==> flow/design.v <==
module cpu_cmp #(
    parameter integer WIDTH = 14
) (
    input wire sys_clk,
    input wire i_rst,
    input wire [WIDTH-1:0] first,
    input wire [WIDTH-1:0] second,
    output reg less,
    output reg is_eq,
    output reg gt
);
    reg [WIDTH-1:0] first_q;
    always @(posedge sys_clk) begin
        if (i_rst) begin
            first_q <= 0;
        end else begin
            first_q <= first;
        end
    end
    reg [WIDTH-1:0] second_q;
    always @(posedge sys_clk) begin
        if (i_rst) begin
            second_q <= 0;
        end else begin
            second_q <= second;
        end
    end
    always @(posedge sys_clk) begin
        if (i_rst) begin
            less <= 1'b0;
        end else begin
            less <= (first_q < second_q);
        end
    end
    always @(posedge sys_clk) begin
        if (i_rst) begin
            is_eq <= 1'b0;
        end else begin
            is_eq <= (first_q == second_q);
        end
    end
    always @(posedge sys_clk) begin
        if (i_rst) begin
            gt <= 1'b0;
        end else begin
            gt <= (first_q > second_q);
        end
    end
endmodule
# --- Reports on cpu_cmp ---
# What the tools print for cpu_cmp, step after step.
# Lines are those of the file above, counted from 1.
# Library cell names are shortened.
setup:
  design: "cpu_cmp"
  clock_port: "sys_clk"
  library: "sky130hd"
  corner: "tt_025C_1v80"

# --- Word level ---
# Counts by Yosys on the flattened word-level netlist (proc, flatten, opt, wreduce; memories kept). Register bits leave out memories and registers merged into their read ports (data or address); mux counts leave out enables and synchronous resets folded into registers. Print and check cells are left out. Cells with the same type and inputs are merged into one.
word_totals:
  ff_bits: 31
  in_bits: 30
  out_inout_bits: 3
  elab_cells: 8
classes:
  n_cmp: 2
  n_eq: 1
ops:
  columns: ["op", "n"]
  rows:
  - ["14-bit > comparator", 1]
  - ["14-bit less-than comparator", 1]
  - ["14-bit == test", 1]

# --- Depth ---
# Yosys ltp: most cells in a row. Word level: on the elaborated netlist, between registers, memories and ports. Mapped: between sequential cells and ports; inverters and the memories' decode and read muxes count.
logic_depth:
  word_depth: 1
  ABC_AREA: 0
  ltp_mapped: 6
  ltp_nobuf: 6

# --- Mapped cells and area ---
# Source: synth_stat.txt of the flow (Yosys; design flattened, memories mapped). It holds for the ABC_AREA given above (unset counts as 0); a run with the other value may have another netlist.
# The area totals of this step are shown rounded.
by_type:
  columns: ["cell", "n", "area_total_um2"]
  rows:
  - ["dfxtp_1", 31, 620.595]
  - ["nor2b_1", 30, 187.68]
  - ["ha_1", 14, 175.168]
  - ["inv_1", 15, 56.304]
  - ["a21oi_1", 6, 30.029]
  - ["nand4_1", 3, 18.768]
  - ["clkbuf_1", 3, 11.261]
  - ["nand2_1", 3, 11.261]
  - ["a311o_1", 1, 10.01]
  - ["and3b_2", 1, 10.01]
  - ["o21ai_0", 2, 10.01]
  - ["a211oi_1", 1, 7.507]
  - ["a21o_1", 1, 7.507]
  - ["o21bai_1", 1, 7.507]
  - ["nor4_1", 1, 6.256]
  - ["nand3_1", 1, 5.005]
mapped:
  stdcells: 114
  area_um2: 1175
  seqArea_um2: 620.6
  ffs: 31
  buf_cells: 3

# --- Path before layout ---
# Source: OpenSTA report_checks on the synthesized netlist (no wires, ideal clock, input and output delay 20% of the period each), path of least setup slack; recovery checks are left aside. Register names are those of the netlist, which keeps one name where synthesis merged equal registers.
synth_timing:
  kind: "reg-to-reg"
  startpoint: "reg second_q[5]"
  endpoint: "reg less"
  clock_period_ps: 1780
  setup_time_ps: 117
  launch_ps: 0
  arrival_time_ps: 1305
  t_required_ps: 1663
  slack_ps: 358
  delay_ps: 1422
  driving_pins: 7
  path_buffers: 0
  period_less_setup_slack_ps: 1422
# "delay_ps" = arrival - input delay + setup time.
# "driving_pins" counts driving pins, that of a launching flip-flop among them; a cell with two outputs on the path counts twice.
# "period_less_setup_slack_ps" is the clock period less the worst setup slack; recovery checks do not enter. This is arithmetic on one report: input and output delays are still those of the set period (20% each).
# The rows between start and end are the longest chain of elaborated cells between them; the timing report does not say that the signal goes this way. Where chains are equally long, one stands for them.
# A line is the first line of the expression or statement that the cell stems from. Yosys adds cells for indexed reads and writes and turns some case tables into memories.
synth_via:
  cell_sequence: "dfxtp_1 > inv_1 > ha_1 > nand4_1 > o21bai_1 > a311o_1 > and3b_2"
  elab_chain_cells: 1
  cells_between: 1
  cone_lines: 1
  cone_classes: "1 x compare"
synth_lines:
  columns: ["item", "line", "rtl"]
  rows:
  - ["from (decl)", 20, "reg [WIDTH-1:0] second_q;"]
  - ["from (assign)", 23, "second_q <= 0;"]
  - ["from (assign)", 25, "second_q <= second;"]
  - ["14-bit less-than comparator", 32, "less <= (first_q < second_q);"]
  - ["to (assign)", 30, "less <= 1'b0;"]
  - ["to (assign)", 32, null]
  - ["to (decl)", 8, "output reg less,"]

# --- Worst path after layout ---
# Path of least setup slack in the final report of run A (OpenROAD, finished layout, wires in). Where an end is a register, its clock arrival counts in the times.
# The report prints the path's times to 10 ps; the period is as set.
layout_timing:
  kind: "reg-to-output"
  startpoint: "reg gt"
  endpoint: "out gt"
  clock_period_ps: 1780
  output_delay_ps: 360
  launch_ps: 320
  arrival_time_ps: 1180
  t_required_ps: 1420
  slack_ps: 240
  driving_pins: 2
  path_buffers: 1
layout_via:
  cell_sequence: "dfxtp_1 > clkdlybuf4s50_1"
  elab_chain_cells: 0
  cells_between: 0
  cone_lines: 0
layout_lines:
  columns: ["item", "line", "rtl"]
  rows:
  - ["from (decl)", 10, "output reg gt"]
  - ["from (assign)", 44, "gt <= 1'b0;"]
  - ["from (assign)", 46, "gt <= (first_q > second_q);"]
  - ["to (decl)", 10, null]

Appendix: measured runs

Measured data: module cpu_cmp, platform sky130hd, 3 stored runs of the flow under differing settings, order arbitrary. Input and output delays are each 20% of the period that was set; the output load is 0.01 pF.
"period_less_ws_ps" = clock period - worst setup slack. The figure is calculated, with input and output delays left at 20% of the set period.
"worst_setup_path_time_ps" means the part of the period allowed to the worst setup path (the constraints hold back 20% at inputs and 20% at outputs) less its slack; where the path has registers, the arrival times of their clocks count too.
"power.total_uw" is the tool's figure for a default switching activity; nothing was simulated.
"worst_setup_path_time_ps" is given in steps of 10 ps.
The measured numbers are rounded.

--- run A ---
==> flow/run.sh <==
#!/bin/bash
# the make line also repeats the synthesis and layout settings of config.mk as NAME=value (left out here)
make -C /OpenROAD-flow-scripts/flow DESIGN_CONFIG=/design/flow/config.mk WORK_HOME=/design/flow/orfs CLKGATE_MAP_FILE= finish
==> flow/config.mk <==
export PLATFORM = sky130hd
export DESIGN_NAME = cpu_cmp
export DESIGN_NICKNAME = cpu_cmp
export VERILOG_FILES = /design/flow/design.v
export SDC_FILE = /design/flow/constraint.sdc
export NUM_CORES = 4
export LEC_CHECK = 0
export CAP_MARGIN = 20
export CORE_MARGIN = 2
export CORE_UTILIZATION = 40
export SLEW_MARGIN = 20
==> flow/constraint.sdc <==
create_clock -name core_clock -period 1.78 [get_ports {sys_clk}]
set_input_delay 0.3560 -clock core_clock [delete_from_list [all_inputs] [get_ports {sys_clk}]]
set_output_delay 0.3560 -clock core_clock [all_outputs]
set_load 0.01 [all_outputs]

==> results, as YAML <==
results:
  period_less_ws_ps: 1536
  total_die_area_um2: 3387
  setup_ws_ps: 244
  final_util_pct: 58.7
  worst_setup_path_time_ps: 1180
  worst_path_kind: "reg-to-output"
  post_synth_area_um2: 1175
  setupTns_ps: 0
  power.total_uw: 1489
  worst_hold_slack_ps: 570

--- run B ---
==> flow/run.sh <==
#!/bin/bash
# the make line also repeats the synthesis and layout settings of config.mk as NAME=value (left out here)
make -C /OpenROAD-flow-scripts/flow DESIGN_CONFIG=/design/flow/config.mk WORK_HOME=/design/flow/orfs CLKGATE_MAP_FILE= finish
==> flow/config.mk <==
export PLATFORM = sky130hd
export DESIGN_NAME = cpu_cmp
export DESIGN_NICKNAME = cpu_cmp
export VERILOG_FILES = /design/flow/design.v
export SDC_FILE = /design/flow/constraint.sdc
export NUM_CORES = 4
export LEC_CHECK = 0
export CAP_MARGIN = 10
export CELL_PAD_IN_SITES_DETAIL_PLACEMENT = 1
export CELL_PAD_IN_SITES_GLOBAL_PLACEMENT = 3
export CORE_MARGIN = 2
export CORE_UTILIZATION = 23
export GPL_ROUTABILITY_DRIVEN = 0
export MIN_ROUTING_LAYER = met1
export PLACE_DENSITY_LB_ADDON = 0.26
export SETUP_SLACK_MARGIN = -0.23
export SLEW_MARGIN = 0
==> flow/constraint.sdc <==
create_clock -name core_clock -period 2.38 [get_ports {sys_clk}]
set_input_delay 0.4760 -clock core_clock [delete_from_list [all_inputs] [get_ports {sys_clk}]]
set_output_delay 0.4760 -clock core_clock [all_outputs]
set_load 0.01 [all_outputs]

==> results, as YAML <==
results:
  period_less_ws_ps: 1591
  total_die_area_um2: 5696
  setup_ws_ps: 789
  final_util_pct: 33.0
  worst_setup_path_time_ps: 1110
  worst_path_kind: "reg-to-output"
  post_synth_area_um2: 1175
  setupTns_ps: 0
  power.total_uw: 1056
  worst_hold_slack_ps: 749

--- run C ---
==> flow/run.sh <==
#!/bin/bash
# the make line also repeats the synthesis and layout settings of config.mk as NAME=value (left out here)
make -C /OpenROAD-flow-scripts/flow DESIGN_CONFIG=/design/flow/config.mk WORK_HOME=/design/flow/orfs CLKGATE_MAP_FILE= finish
==> flow/config.mk <==
export PLATFORM = sky130hd
export DESIGN_NAME = cpu_cmp
export DESIGN_NICKNAME = cpu_cmp
export VERILOG_FILES = /design/flow/design.v
export SDC_FILE = /design/flow/constraint.sdc
export NUM_CORES = 4
export LEC_CHECK = 0
export CAP_MARGIN = 40
export CELL_PAD_IN_SITES_DETAIL_PLACEMENT = 2
export CORE_ASPECT_RATIO = 0.85
export CORE_MARGIN = 2
export CORE_UTILIZATION = 44
export GPL_ROUTABILITY_DRIVEN = 1
export GPL_TIMING_DRIVEN = 0
export SETUP_SLACK_MARGIN = -0.12
export SLEW_MARGIN = 10
==> flow/constraint.sdc <==
create_clock -name core_clock -period 2.12 [get_ports {sys_clk}]
set_input_delay 0.4240 -clock core_clock [delete_from_list [all_inputs] [get_ports {sys_clk}]]
set_output_delay 0.4240 -clock core_clock [all_outputs]
set_load 0.01 [all_outputs]

==> results, as YAML <==
outcome: "stopped before the end: clock tree synthesis reported DPL-0033"
